==> flow/design.v <==
module gen_mul_rtl #(
  parameter int W = 6
) (
  input logic clk,
  input logic valid,
  input logic [W-1:0] dataa_i,
  input logic [W-1:0] datab_i,
  output logic [2*W-1:0] q_o
);
  logic [W-1:0] dataa_ff;
  logic [W-1:0] datab_ff;
  always_ff @(posedge clk) begin
    if (valid) begin
      dataa_ff <= dataa_i;
      datab_ff <= datab_i;
      q_o <= dataa_ff * datab_ff;
    end
  end
endmodule
# Step by step through the tools: gen_mul_rtl
# What the tools print for gen_mul_rtl, step after step.
# Line numbers count from 1 in the design file above.
# Cell names lack the library's common part.
# Not given: n/a
# setup
design,gen_mul_rtl
clk_port,clk
lib,sky130hd
lib_corner,tt_025C_1v80

# Word level
# Source: Yosys, flattened and elaborated, memories not mapped. Widths are those after wreduce; folded enables and synchronous resets count as part of the registers. Registers that Yosys merges into a memory's read port (data or address) are not register bits. Print and check cells do not count. Equal cells are merged and count once.
# op_classes
n_mul,1
# op_table
op,count
multiplier 6 x 6 -> 12 bit,1
# word_totals
register_bits,24
out_inout_bits,12

# Depth
# Longest topological path by Yosys (ltp), each cell counted once; first at word level (registers and memories cut), then after technology mapping (sequential cells cut; the memories' decode and read muxes count).
# logic_depth
depth_word,1
abc_area,0
depth_mapped,12

# Mapped cells and area
# Yosys stat after the flow's synthesis: flattened, memories mapped to cells. It holds for the ABC_AREA given above (unset counts as 0); a run with the other value may have another netlist.
# by_type
cell_type,count
edfxtp_1,24
fa_1,17
ha_1,20
and2_1,27
inv_1,26
nand2_1,12
xnor2_1,5
a21oi_1,7
a2111o_1,1
nor2_1,3
mux2i_1,1
nor3_2,1
nand4b_1,1
o21ai_2,1
xor2_1,1
a211oi_1,1
a21o_1,1
o21bai_1,1
# Other cell types: 5; their cells: 5.
# synth_totals
stdcells,155
buf_cells,0
sequential_area_um2,720.7
synth_area_um2,1820.5
ff_cells,24

# Timing after synthesis
# OpenSTA on the mapped netlist: ideal clock, no wires. The path of least setup slack (recovery checks aside). Input and output delay are each 20% of the period. Register names are those of the netlist, which keeps one name where synthesis merged equal registers.
# synth_path
kind,flip-flop to flip-flop
start,reg dataa_ff[3]
end,reg q_o[10]
arrival_time_ps,3258
clock_period_ps,4400
setup_slack_ps,878
path_stages,12
delay_ps,3521
synth_period_reached_ps,3522
# "delay_ps" is the arrival time less input delay plus setup time.
# "path_stages" counts driving pins, that of a launching flip-flop among them; a cell with two outputs on the path counts twice.
# "synth_period_reached_ps" is the clock period less the worst setup slack; recovery checks do not enter. This is arithmetic on one report: input and output delays are still those of the set period (20% each).
# The rows between start and end are the longest chain of elaborated cells between them; the timing report does not say that the signal goes this way. Where chains are equally long, one stands for them.
# Each line given opens the expression or statement behind the cell; cells for indexed reads and writes are added by Yosys, which also makes memories of some case tables.
# synth_between
cell_sequence,edfxtp_1 and2_1 fa_1 inv_1 fa_1 fa_1 inv_1 ha_1 a211oi_1 nor3_2 mux2i_1 a2111o_1
elab_chain_len,1
cells_between,1
cone_lines,1
cone_classes,mul: 1
# synth_rtl
element,line,source
start: declaration,10,logic [W-1:0] dataa_ff;
start: assignment,14,dataa_ff <= dataa_i;
multiplier 6 x 6 -> 12 bit,16,q_o <= dataa_ff * datab_ff;
end: assignment,16,
end: declaration,8,output logic [2*W-1:0] q_o

# Timing after layout
# From the final timing report of run 1: the path of least setup slack in the routed layout; clock arrival at registers is part of the times.
# The path's times are printed in steps of 10 ps; the period is the one set.
# layout_path
kind,flip-flop to flip-flop
start,reg datab_ff[0]
end,reg q_o[10]
path_stages,11
setup_slack_ps,-1170
arrival_time_ps,3470
clock_period_ps,2290
# The rows between start and end are the longest chain of elaborated cells between them; the timing report does not say that the signal goes this way. Where chains are equally long, one stands for them.
# layout_between
cell_sequence,edfxtp_1 buf_6 and2_4 fa_1 ha_4 fa_1 ha_1 a211oi_4 nor3_2 mux2i_1 a2111o_1
elab_chain_len,1
cells_between,1
cone_lines,1
cone_classes,mul: 1
# layout_rtl
element,line,source
start: declaration,11,logic [W-1:0] datab_ff;
start: assignment,15,datab_ff <= datab_i;
multiplier 6 x 6 -> 12 bit,16,q_o <= dataa_ff * datab_ff;
end: assignment,16,
end: declaration,8,output logic [2*W-1:0] q_o

# Module gen_mul_rtl, platform sky130hd: 3 stored runs of the flow (Yosys, OpenROAD) with differing settings, in no particular order. Input and output delays are each 20% of the period that was set; the output load is 0.01 pF.
# "timing.achieved_period_ps": clock period set for the run, less the worst setup slack. It is reckoned from that one timing run; input and output delays stay at 20% of the period that was set.
# "timing.worst_path_ps" is the time allowed to the run's worst setup path (the clock period less input and output delay, where it has them) less its slack. Clock arrival times count: a late capture clock shortens it, a late launch clock lengthens it.
# By "total_power_mw" is meant OpenSTA's value without simulated activity: inputs other than the clock are taken to toggle once in ten clock periods, and the tool carries that through the logic.
# "timing.worst_path_ps" is given in steps of 10 ps.
# Settings: -- = not set for that run.
name,run 1,run 2,run 3
period_ns,2.29,5.11,4.4
CORE_UTILIZATION,16,39,40
PLACE_DENSITY,0.66,--,--
CORE_ASPECT_RATIO,0.6,--,--
CTS_CLUSTER_SIZE,64,47,--
CTS_CLUSTER_DIAMETER,112,272,--
CAP_MARGIN,40,20,20
CORE_MARGIN,2,10,2
SLEW_MARGIN,20,0,20
HOLD_SLACK_MARGIN,--,0.21,--
CELL_PAD_IN_SITES_DETAIL_PLACEMENT,--,0,--
layout_utilization_frac,0.248,0.497,0.497
final_setup_ws_ps,-1172,1427,605
timing.achieved_period_ps,3462,3683,3795
design_die_area_um2,12275.6,7800.4,5106.5
timing.worst_path_ps,3460,3680,3800
critical_path_type,flip-flop to flip-flop,flip-flop to flip-flop,flip-flop to flip-flop
final_hold_ws_ps,672,661,676
cell_area_final_um2,2768.9,2207.1,2180.8
setupTns_ps,-7718,0,0
total_power_mw,2.643,0.8557,0.9364
yosys.chip_area_um2,1820.5,1820.5,1820.5
